==> flow/design.v <==
module dp_mux_mod #(
  parameter integer WD = 4,
  parameter integer N_IN = 16,
  parameter integer SEL_WIDTH = $clog2(N_IN)
) (
  input  logic core_clk,
  input  logic rst_ni,
  input  logic [N_IN*WD-1:0] i_ch,
  input  logic [SEL_WIDTH-1:0] i_choose,
  output logic [WD-1:0] o_result
);
  logic [N_IN*WD-1:0] ch_s;
  logic [SEL_WIDTH-1:0] choose_s;
  assign o_result = ch_s[choose_s*WD +: WD];
  always_ff @(posedge core_clk or negedge rst_ni) begin
    if (!rst_ni) begin
      ch_s <= '0;
      choose_s <= '0;
    end else begin
      ch_s <= i_ch;
      choose_s <= i_choose;
    end
  end
endmodule
[Tool chain data of dp_mux_mod]
Tool output for the design above, in the order of the flow.
Line numbers count from 1 in the design file above.
Library cell names are shortened.
The mark n/a stands for no value.
Set-up
  top module: dp_mux_mod
  clock input: core_clk
  standard-cell library: sky130hd
  timing corner: tt_025C_1v80

[After elaboration]
Counts by Yosys on the flattened word-level netlist (proc, flatten, opt, wreduce; memories kept). Register bits leave out memories and registers merged into their read ports (data or address); mux counts leave out enables and synchronous resets folded into registers. Print and check cells are left out. Cells with the same type and inputs are merged into one.
Word-level totals
  word-level cells: 3
  register bits: 68
Operators by class
  shift operators: 1
Operators by type and width (count)
  variable part select 64 x 7 -> 4 bit: 1

[Logic depth]
Longest topological path by Yosys (ltp), each cell counted once; first at word level (registers and memories cut), then after technology mapping (sequential cells cut; the memories' decode and read muxes count).
Depth
  depth after elaboration: 1
  ABC_AREA: 0
  mapped depth: 5
  depth with buffers taken out: 3

[Netlist]
Yosys stat after the flow's synthesis: flattened, memories mapped to cells. It holds for the ABC_AREA given above (unset counts as 0); a run with the other value may have another netlist.
Cell types
  dfrtp_1: count 68, area in all 1.7E+03 µm²
  mux4_1: count 14, area in all 367.853 µm²
  mux4_2: count 2, area in all 45.043 µm²
  nand3_1: count 8, area in all 40.038 µm²
  a22oi_1: count 4, area in all 30.029 µm²
  buf_12: count 1, area in all 20.019 µm²
  nand2_1: count 4, area in all 15.014 µm²
  nor2b_1: count 2, area in all 12.512 µm²
  buf_6: count 1, area in all 11.261 µm²
  buf_2: count 1, area in all 5.005 µm²
  clkbuf_1: count 1, area in all 3.754 µm²
  nor2_1: count 1, area in all 3.754 µm²
Mapped netlist
  flip-flops: 68
  buffer cells: 4
  mapped area: 2255.9 µm²
  sequential area: 1701.6 µm²
  mapped cells: 107

[Timing after synthesis]
OpenSTA on the mapped netlist: ideal clock, no wires. The path of least setup slack (recovery checks aside). Input and output delay are each 20% of the period. Register names are those of the netlist, which keeps one name where synthesis merged equal registers.
Path post-synthesis
  kind: reg2out
  start: reg (name not given)
  end: out o_result[2]
  path buffers: 2
  period: 2.09 ns
  path delay: 1.338 ns
  setup slack: 0.334 ns
  data arrival time: 1.338 ns
  required time: 1.672 ns
  time at the first pin: 0.000 ns
  output delay: 0.418 ns
  driving pins on the path: 6
  synthesis period reached: 1.756 ns
"path delay" = arrival - input delay + setup time.
At an output port there is no setup time.
"driving pins on the path" counts driving pins, that of a launching flip-flop among them; a cell with two outputs on the path counts twice.
"synthesis period reached" is the clock period less the worst setup slack; recovery checks do not enter. This is arithmetic on one report: input and output delays are still those of the set period (20% each).
The rows between start and end are the longest chain of elaborated cells between them; the timing report does not say that the signal goes this way. Where chains are equally long, one stands for them.
Each line given opens the expression or statement behind the cell; cells for indexed reads and writes are added by Yosys, which also makes memories of some case tables.
On the way, post-synthesis
  cells stage by stage: dfrtp_1 buf_6 buf_12 mux4_2 a22oi_1 nand3_1
  cells in the longest elaborated chain: 1
  elaborated cells on any way between the ends: 1
  those cells by class: 1 x shift
Ends and longest elaborated chain, post-synthesis
  start, declared: RTL line 13
  start, assigned: RTL line 18
  start, assigned: RTL line 21
  variable part select 64 x 7 -> 4 bit: RTL line 14
  end, declared: RTL line 10  | output logic [WD-1:0] o_result

[Worst path after layout]
Path of least setup slack in the final report of record 1 (OpenROAD, finished layout, wires in). Where an end is a register, its clock arrival counts in the times.
Path post-layout
  kind: reg2out
  start: reg (name not given)
  end: out o_result[2]
  data arrival time: 1.86 ns
  period: 2.09 ns
  path buffers: 3
  driving pins on the path: 7
  output delay: 0.42 ns
  required time: 1.67 ns
  time at the first pin: 0.33 ns
  setup slack: -0.19 ns
The rows between start and end are the longest chain of elaborated cells between them; the timing report does not say that the signal goes this way. Where chains are equally long, one stands for them.
On the way, post-layout
  cells stage by stage: dfrtp_1 buf_12 buf_4 mux4_2 a22oi_2 nand3_1 buf_2
  cells in the longest elaborated chain: 1
  elaborated cells on any way between the ends: 1
  those cells by class: 1 x shift
Ends and longest elaborated chain, post-layout
  start, declared: RTL line 13
  start, assigned: RTL line 18
  start, assigned: RTL line 21
  variable part select 64 x 7 -> 4 bit: RTL line 14
  end, declared: RTL line 10  | output logic [WD-1:0] o_result

Hand-over note for dp_mux_mod

Design dp_mux_mod on sky130hd. What follows are 3 stored runs of the flow, each under its own settings; their order means nothing. The constraints put input and output delay at 20% of the set period each and load the outputs with 0.01 pF.
"worst setup path time (ns)" = time allowed to the worst setup path (clock period - input delay - output delay, where it has them) - its slack; a late launch clock adds to it, a late capture clock takes from it.

Flow files of record 1
==> flow/run.sh <==
#!/bin/bash
# the make line also repeats the synthesis and layout settings of config.mk as NAME=value (left out here)
make -C /OpenROAD-flow-scripts/flow DESIGN_CONFIG=/design/flow/config.mk WORK_HOME=/design/flow/orfs CLKGATE_MAP_FILE= finish
==> flow/config.mk <==
export PLATFORM = sky130hd
export DESIGN_NAME = dp_mux_mod
export DESIGN_NICKNAME = dp_mux_mod
export VERILOG_FILES = /design/flow/design.v
export SDC_FILE = /design/flow/constraint.sdc
export NUM_CORES = 4
export LEC_CHECK = 0
export CAP_MARGIN = 20
export CORE_MARGIN = 2
export CORE_UTILIZATION = 40
export SLEW_MARGIN = 20
==> flow/constraint.sdc <==
create_clock -name core_clock -period 2.09 [get_ports {core_clk}]
set_input_delay 0.4180 -clock core_clock [delete_from_list [all_inputs] [get_ports {core_clk}]]
set_output_delay 0.4180 -clock core_clock [all_outputs]
set_load 0.01 [all_outputs]

report of record 1
yosys chip area after synthesis (um^2): 2255.9
finish__design__die__area: 6256.8
finish__design__instance__area__stdcell: 3377.0
finish__timing__setup__ws: -0.191
finish__timing__hold__ws: 0.086
worst setup path time (ns): 1.86
worst setup path kind: reg2out

Flow files of record 2
==> flow/run.sh <==
#!/bin/bash
# the make line also repeats the synthesis and layout settings of config.mk as NAME=value (left out here)
make -C /OpenROAD-flow-scripts/flow DESIGN_CONFIG=/design/flow/config.mk WORK_HOME=/design/flow/orfs CLKGATE_MAP_FILE= finish
==> flow/config.mk <==
export PLATFORM = sky130hd
export DESIGN_NAME = dp_mux_mod
export DESIGN_NICKNAME = dp_mux_mod
export VERILOG_FILES = /design/flow/design.v
export SDC_FILE = /design/flow/constraint.sdc
export NUM_CORES = 4
export LEC_CHECK = 0
export CAP_MARGIN = 20
export CELL_PAD_IN_SITES_DETAIL_PLACEMENT = 1
export CELL_PAD_IN_SITES_GLOBAL_PLACEMENT = 2
export CORE_ASPECT_RATIO = 0.77
export CORE_MARGIN = 2
export CORE_UTILIZATION = 40
export CTS_CLUSTER_SIZE = 99
export MAX_ROUTING_LAYER = met5
export SLEW_MARGIN = 20
==> flow/constraint.sdc <==
create_clock -name core_clock -period 1.04 [get_ports {core_clk}]
set_input_delay 0.2080 -clock core_clock [delete_from_list [all_inputs] [get_ports {core_clk}]]
set_output_delay 0.2080 -clock core_clock [all_outputs]
set_load 0.01 [all_outputs]

report of record 2
yosys chip area after synthesis (um^2): 2255.9
finish__design__die__area: 6261.6
finish__design__instance__area__stdcell: 3428.3
finish__timing__setup__ws: -1.031
finish__timing__hold__ws: 0.304
worst setup path time (ns): 1.86
worst setup path kind: reg2out

Flow files of record 3
==> flow/run.sh <==
#!/bin/bash
# the make line also repeats the synthesis and layout settings of config.mk as NAME=value (left out here)
make -C /OpenROAD-flow-scripts/flow DESIGN_CONFIG=/design/flow/config.mk WORK_HOME=/design/flow/orfs CLKGATE_MAP_FILE= finish
==> flow/config.mk <==
export PLATFORM = sky130hd
export DESIGN_NAME = dp_mux_mod
export DESIGN_NICKNAME = dp_mux_mod
export VERILOG_FILES = /design/flow/design.v
export SDC_FILE = /design/flow/constraint.sdc
export NUM_CORES = 4
export LEC_CHECK = 0
export CAP_MARGIN = 0
export CELL_PAD_IN_SITES_DETAIL_PLACEMENT = 1
export CELL_PAD_IN_SITES_GLOBAL_PLACEMENT = 1
export CORE_MARGIN = 7
export CORE_UTILIZATION = 71
export GPL_ROUTABILITY_DRIVEN = 1
export GPL_TIMING_DRIVEN = 0
export MIN_ROUTING_LAYER = met2
export PLACE_DENSITY_LB_ADDON = 0.23
export SETUP_SLACK_MARGIN = -0.12
export SLEW_MARGIN = 5
==> flow/constraint.sdc <==
create_clock -name core_clock -period 1.26 [get_ports {core_clk}]
set_input_delay 0.2520 -clock core_clock [delete_from_list [all_inputs] [get_ports {core_clk}]]
set_output_delay 0.2520 -clock core_clock [all_outputs]
set_load 0.01 [all_outputs]

report of record 3: did not finish, place, FLW-0024

End of note.
